==> flow/design.v <==
module sync_relation_stage #(
    parameter WIDTH = 64
) (
    input  logic clk,
    input  logic rst_n,
    input  logic [WIDTH-1:0] i_rs1,
    input  logic [WIDTH-1:0] i_rs2,
    output logic o_above,
    output logic o_a_eq_b
);
    logic [WIDTH-1:0] rs1_r;
    always_ff @(posedge clk or negedge rst_n) begin
        if (!rst_n) begin
            rs1_r <= 0;
        end else begin
            rs1_r <= i_rs1;
        end
    end
    logic [WIDTH-1:0] rs2_r;
    always_ff @(posedge clk or negedge rst_n) begin
        if (!rst_n) begin
            rs2_r <= 0;
        end else begin
            rs2_r <= i_rs2;
        end
    end
    localparam NBLK = WIDTH / 4;
    logic [NBLK:0] g;
    logic [NBLK:0] e;
    assign g[0] = 1'b0;
    assign e[0] = 1'b1;
    for (genvar gi = 0; gi < NBLK; gi++) begin : lane
        cmp4 unit (.a(rs1_r[4*gi +: 4]), .b(rs2_r[4*gi +: 4]), .gi(g[gi]), .ei(e[gi]), .go(g[gi+1]), .eo(e[gi+1]));
    end
    always_ff @(posedge clk or negedge rst_n) begin
        if (!rst_n) begin
            o_above <= 1'b0;
        end else begin
            o_above <= g[NBLK];
        end
    end
    always_ff @(posedge clk or negedge rst_n) begin
        if (!rst_n) begin
            o_a_eq_b <= 1'b0;
        end else begin
            o_a_eq_b <= e[NBLK];
        end
    end
endmodule
module cmp4 (
    input logic [3:0] a,
    input logic [3:0] b,
    input logic gi,
    input logic ei,
    output logic go,
    output logic eo
);
    assign go = (a > b) | ((a == b) & gi);
    assign eo = (a == b) & ei;
endmodule
# == Step by step through the tools: sync_relation_stage ==
# What the tools print for sync_relation_stage, step after step.
# Line numbers count from 1 in the design file above.
# Cell names lack the library's common part.
# The mark n/a stands for no value.
# inputs
top,sync_relation_stage
clk_port,clk
cell_library,sky130hd
lib_corner,tt_025C_1v80

# == Elaborated design ==
# Counts by Yosys on the flattened word-level netlist (proc, flatten, opt, wreduce; memories kept). Register bits leave out memories and registers merged into their read ports (data or address); mux counts leave out enables and synchronous resets folded into registers. Print and check cells are left out. Cells with the same type and inputs are merged into one.
# classes
n_addsub,0
multipliers,0
n_div,0
compare,16
eq_ne,16
shifts,0
n_mux,0
logic,45
n_reduce_logical,0
# ops
cell,count
4-bit > comparator,16
4-bit equality test,16
1-bit AND,30
1-bit bitwise OR,15
# word_totals
reg_bits,130
latch_bits,0
ramBits,0
mem_bits_ro,0
clocked_rd_ports_x_width,0
mem_count,0
inputBits,130
wordCells,81

# == Depth ==
# Yosys ltp: most cells in a row. Word level: on the elaborated netlist, between registers, memories and ports. Mapped: between sequential cells and ports; inverters and the memories' decode and read muxes count.
# logic_depth
word_depth,31
abc_area,0
mapped_depth,8
depth_no_buf,8

# == Mapped cells and area ==
# Source: synth_stat.txt of the flow (Yosys; design flattened, memories mapped). It holds for the ABC_AREA given above (unset counts as 0); a run with the other value may have another netlist.
# mapped
mapped_cells,371
yosys_area_um2,5007.3
flip_flops,130
n_buf,0
# types
cell_type,count,area_total_um2
dfrtp_1,130,3253.12
ha_1,64,800.768
inv_1,69,258.998
a21oi_1,16,80.077
nand4_1,11,68.816
nand2b_1,8,50.048
nand4_2,3,37.536
nor2b_1,5,31.28
a211oi_1,4,30.029
o21ai_1,6,30.029
nand2_1,7,26.275
nor2_1,7,26.275
o2111ai_1,3,26.275
o21ai_0,5,25.024
a21o_1,3,22.522
o211ai_1,3,22.522
and3_1,3,18.768
and4_1,2,17.517
# Other cell types: 17; their cells: 22.
# By module: a second synthesis without flattening, with its own total; a netlist apart from the flattened one above.
# unflattened
cells_unflattened,388
area_unflattened_um2,4982.3
# Rows give one instance, submodules left out.
# by_module
mod,instances,cells,mod_area_um2
sync_relation_stage,1,132,3260.6
cmp4,16,16,107.6

# == Timing after synthesis ==
# OpenSTA on the mapped netlist: ideal clock, no wires. The path of least setup slack (recovery checks aside). Input and output delay are each 20% of the period. Register names are those of the netlist, which keeps one name where synthesis merged equal registers.
# synth_path
path_type,register -> register
from,register rs2_r[43]
to,register o_above
period_ns,2.08
t_arrival_ns,1.525
required_time_ns,1.941
path_slack_ns,0.415
path_delay_ns,1.664
path_stages,8
period_less_setup_slack_ns,1.665
# "path_delay_ns" is the arrival time less input delay plus setup time.
# "path_stages": output pins that drive a net of the path, with the launching flip-flop's if there is one; two outputs of one cell count as two.
# "period_less_setup_slack_ns" is the clock period less the worst setup slack; recovery checks do not enter. This is arithmetic on one report: input and output delays are still those of the set period (20% each).
# Between the ends stands the longest chain of elaborated cells between them, by number of cells; it is not shown to be the way that was timed. Of several equally long chains one is given.
# Each line given opens the expression or statement behind the cell; cells for indexed reads and writes are added by Yosys, which also makes memories of some case tables.
# synth_between
cell_sequence,dfrtp_1 > inv_1 > ha_1 > and3_1 > a221oi_1 > and4b_1 > o2111ai_1 > a41oi_1
elab_chain_len,13
cells_between,14
# synth_rtl
item,line,source
from (decl),19,logic [WIDTH-1:0] rs2_r;
from (assign),22,rs2_r <= 0;
from (assign),24,rs2_r <= i_rs2;
4-bit equality test,58,assign go = (a > b) | ((a == b) & gi);
1-bit AND,58,
1-bit bitwise OR,58,
1-bit AND,58,
1-bit bitwise OR,58,
1-bit AND,58,
1-bit bitwise OR,58,
1-bit AND,58,
1-bit bitwise OR,58,
1-bit AND,58,
1-bit bitwise OR,58,
1-bit AND,58,
1-bit bitwise OR,58,
to (assign),37,o_above <= 1'b0;
to (assign),39,o_above <= g[NBLK];
to (decl),8,"output logic o_above,"

# == Worst path after layout ==
# Path of least setup slack in the final report of run A (OpenROAD, finished layout, wires in). Where an end is a register, its clock arrival counts in the times.
# layout_path
path_type,register -> register
from,register rs2_r[1]
to,register o_above
period_ns,2.35
t_arrival_ns,2.15
required_time_ns,2.61
path_slack_ns,0.46
path_stages,9
# Between the ends stands the longest chain of elaborated cells between them, by number of cells; it is not shown to be the way that was timed. Of several equally long chains one is given.
# layout_between
cell_sequence,dfrtp_1 > inv_1 > ha_1 > nor2b_1 > o211ai_1 > a21oi_1 > o31a_1 > o2111ai_2 > a41oi_2
elab_chain_len,31
cells_between,31
# layout_rtl
item,line,source
from (decl),19,logic [WIDTH-1:0] rs2_r;
from (assign),22,rs2_r <= 0;
from (assign),24,rs2_r <= i_rs2;
4-bit > comparator,58,assign go = (a > b) | ((a == b) & gi);
1-bit AND,58,
1-bit bitwise OR,58,
1-bit AND,58,
1-bit bitwise OR,58,
1-bit AND,58,
1-bit bitwise OR,58,
[... 17 more ...],n/a,
1-bit bitwise OR,58,
1-bit AND,58,
1-bit bitwise OR,58,
1-bit AND,58,
1-bit bitwise OR,58,
1-bit AND,58,
1-bit bitwise OR,58,
to (assign),37,o_above <= 1'b0;
to (assign),39,o_above <= g[NBLK];
to (decl),8,"output logic o_above,"

# Measured results for sync_relation_stage: 3 stored runs of the Yosys and OpenROAD flow on sky130hd. The settings differ; the order carries no meaning. The constraints put input and output delay at 20% of the set period each and load the outputs with 0.01 pF.
# "clock_period_reached_ns" is the run's clock period less its worst setup slack. It is reckoned from that one timing run; input and output delays stay at 20% of the period that was set.
# Settings: n/a = not set for that run.
run name,period_ns,CORE_UTILIZATION,SETUP_SLACK_MARGIN,CORE_ASPECT_RATIO,CORE_MARGIN,CELL_PAD_IN_SITES_GLOBAL_PLACEMENT,GPL_ROUTABILITY_DRIVEN,MIN_ROUTING_LAYER,CAP_MARGIN,SLEW_MARGIN,PLACE_DENSITY_LB_ADDON,TNS_END_PERCENT,CTS_CLUSTER_SIZE,MAX_ROUTING_LAYER,ys_area_um2,dieArea_um2,final_cell_area_um2,fin_ws_ns,final_setup_tns_ns,clock_period_reached_ns
run A,2.35,45,0.45,1.48,9,1,0,met1,20,20,n/a,n/a,n/a,n/a,5007.3,15322.2,7248.2,0.461,0.000,1.889
run B,2.08,40,n/a,n/a,2,n/a,n/a,n/a,20,20,n/a,n/a,n/a,n/a,5007.3,13429.3,7254.5,0.170,0.000,1.910
run C,2.76,31,0.29,0.86,10,3,1,met1,40,20,0.25,10,60,met5,5007.3,21650.2,7241.9,0.633,0.000,2.127
